==> flow/design.v <==
module dp_mux_mod #(
  parameter integer WD = 4,
  parameter integer N_IN = 4,
  parameter integer SEL_WIDTH = $clog2(N_IN)
) (
  input  logic core_clk,
  input  logic rst_ni,
  input  logic [N_IN*WD-1:0] i_ch,
  input  logic [SEL_WIDTH-1:0] i_choose,
  output logic [WD-1:0] o_result
);
  logic [N_IN*WD-1:0] ch_s;
  logic [SEL_WIDTH-1:0] choose_s;
  assign o_result = ch_s[choose_s*WD +: WD];
  always_ff @(posedge core_clk or negedge rst_ni) begin
    if (!rst_ni) begin
      ch_s <= '0;
      choose_s <= '0;
    end else begin
      ch_s <= i_ch;
      choose_s <= i_choose;
    end
  end
endmodule
* Step by step through the tools: dp_mux_mod
Tool output for the design above, in the order of the flow. Line numbers count from 1 in the design file above. Library cell names are shortened. A cell with n/a has no value.
Set-up: top module dp_mux_mod, clock input core_clk, cell library sky130hd, timing corner tt_025C_1v80

* After elaboration
Yosys after proc, flatten, opt, wreduce and memory -nomap, before mapping. Enables and synchronous resets that opt folds into registers are not counted as muxes. Memory bits, and registers merged into a memory's read port (data or address), are not among the register bits. Print and check cells are not counted. Equal cells are merged and count once.
Word-level totals: bits in registers 18, input bits 20, output and inout port bits 4, cells after elaboration 3
Operators by class: shift operators 1
Operators by type and width (count):
- 16-bit by 5-bit variable part select with 4-bit output | 1

* Longest topological paths
Depth = most cells in a row (Yosys ltp): at word level without a register or memory, in the mapped netlist without a sequential cell, where the memories' decode and read muxes count.
Depth: depth in word-level cells 1, ABC_AREA 0, depth in mapped cells 1, gate-level depth less buffers 1

* Synthesis result
The flow's flattened synthesis, as Yosys stat reports it; memories are mapped. The netlist is that of the ABC_AREA named above (0 if unset); the other value can give another one. The area totals of this step are shown rounded.
Cell types:
- dfrtp_1 | count 18, total area 450.432 µm²
- mux4_1 | count 4, total area 105.101 µm²
Mapped netlist: standard cells after synthesis 22, chip area (Yosys) 560 µm², sequential part of the area 450 µm², flip-flop cells 18, buffers 0

* Worst setup path after synthesis
Source: OpenSTA report_checks on the synthesized netlist (no wires, ideal clock, input and output delay 20% of the period each), path of least setup slack; recovery checks are left aside. Register names are those of the netlist, which keeps one name where synthesis merged equal registers.
Path after synthesis: path kind reg2out, from register (no name shown), to output o_result[0], clock period 1.58 ns, output delay 0.316 ns, launch time at the first pin 0.000 ns, arrival time 1.011 ns, required time 1.264 ns, setup slack 0.253 ns, path delay 1.011 ns, stages on the path 2, path buffers 0, synthesis period reached 1.327 ns
"path delay" = arrival - input delay + setup time. At an output port there is no setup time. "stages on the path" counts driving pins, that of a launching flip-flop among them; a cell with two outputs on the path counts twice. "synthesis period reached" is the clock period less the worst setup slack; recovery checks do not enter. This is arithmetic on one report: input and output delays are still those of the set period (20% each). The rows between start and end are the longest chain of elaborated cells between them; the timing report does not say that the signal goes this way. Where chains are equally long, one stands for them. A line is the first line of the expression or statement that the cell stems from. Yosys adds cells for indexed reads and writes and turns some case tables into memories.
Between the ends, after synthesis: path through dfrtp_1 mux4_1, length of the longest elaborated chain 1, elaborated cells on any way between the ends 1, RTL lines with such cells 1, classes of those cells shift (1)
Ends and longest elaborated chain, after synthesis:
- start, declared | line 13
- start, assigned | line 18
- start, assigned | line 21
- 16-bit by 5-bit variable part select with 4-bit output | line 14
- end, declared | line 10 | output logic [WD-1:0] o_result

* Worst path after layout
From the final timing report of entry B: the path of least setup slack in the routed layout; clock arrival at registers is part of the times.
Path after layout: path kind reg2out, from register (no name shown), to output o_result[0], clock period 1.18 ns, output delay 0.24 ns, launch time at the first pin 0.28 ns, arrival time 1.42 ns, required time 0.94 ns, setup slack -0.48 ns, stages on the path 4, path buffers 2
The rows between start and end are the longest chain of elaborated cells between them; the timing report does not say that the signal goes this way. Where chains are equally long, one stands for them.
Between the ends, after layout: path through dfrtp_2 buf_4 mux4_2 buf_6, length of the longest elaborated chain 1, elaborated cells on any way between the ends 1, RTL lines with such cells 1, classes of those cells shift (1)
Ends and longest elaborated chain, after layout:
- start, declared | line 13
- start, assigned | line 18
- start, assigned | line 21
- 16-bit by 5-bit variable part select with 4-bit output | line 14
- end, declared | line 10 | output logic [WD-1:0] o_result

Ticket comment

3 stored runs of dp_mux_mod in the flow (synthesis by Yosys, layout by OpenROAD, sky130hd cells), in arbitrary order. Constraints: input delay and output delay 20% of the set period each, output load 0.01 pF.
"reached clock period": clock period set for the run, less the worst setup slack. It is reckoned from that one timing run; input and output delays stay at 20% of the period that was set.
"allowed time less slack (worst setup path)" = time allowed to the worst setup path (clock period - input delay - output delay, where it has them) - its slack; a late launch clock adds to it, a late capture clock takes from it.
By "total power of the final layout" is meant OpenSTA's value without simulated activity: inputs other than the clock are taken to toggle once in ten clock periods, and the tool carries that through the logic.
Values from the reports are rounded here.

* Entry A | settings: period_ns 0.945; CORE_UTILIZATION 58; SETUP_SLACK_MARGIN 0.08; PLACE_DENSITY_LB_ADDON 0.13; HOLD_SLACK_MARGIN 0.27; CORE_ASPECT_RATIO 1.13; CORE_MARGIN 5; TNS_END_PERCENT 100; ABC_AREA 1; GPL_ROUTABILITY_DRIVEN 1; SLEW_MARGIN 40; CAP_MARGIN 20 | no final report: clock tree synthesis broke off with DPL-0038
* Entry B | settings: period_ns 1.18; CORE_UTILIZATION 25; PLACE_DENSITY_LB_ADDON 0.13; CORE_MARGIN 8; CELL_PAD_IN_SITES_DETAIL_PLACEMENT 1; CAP_MARGIN 35; SLEW_MARGIN 10; MIN_ROUTING_LAYER met1 | results: worst setup slack after layout -0.48 ns; total power of the final layout 1.1 mW; reached clock period 1.659 ns; die outline area 4,000 µm²; allowed time less slack (worst setup path) 1.42 ns; class of the worst setup path reg2out; total negative slack on setup checks -1.9 ns; utilization after layout 40 %; standard-cell area of the final layout 870 µm²; post-synthesis cell area 560 µm²
* Entry C | settings: period_ns 1.58; CAP_MARGIN 20; CORE_MARGIN 2; CORE_UTILIZATION 40; SLEW_MARGIN 20 | results: worst setup slack after layout -0.13 ns; total power of the final layout 0.81 mW; reached clock period 1.714 ns; die outline area 1,700 µm²; allowed time less slack (worst setup path) 1.40 ns; class of the worst setup path reg2out; total negative slack on setup checks -0.52 ns; utilization after layout 65 %; standard-cell area of the final layout 850 µm²; post-synthesis cell area 560 µm²
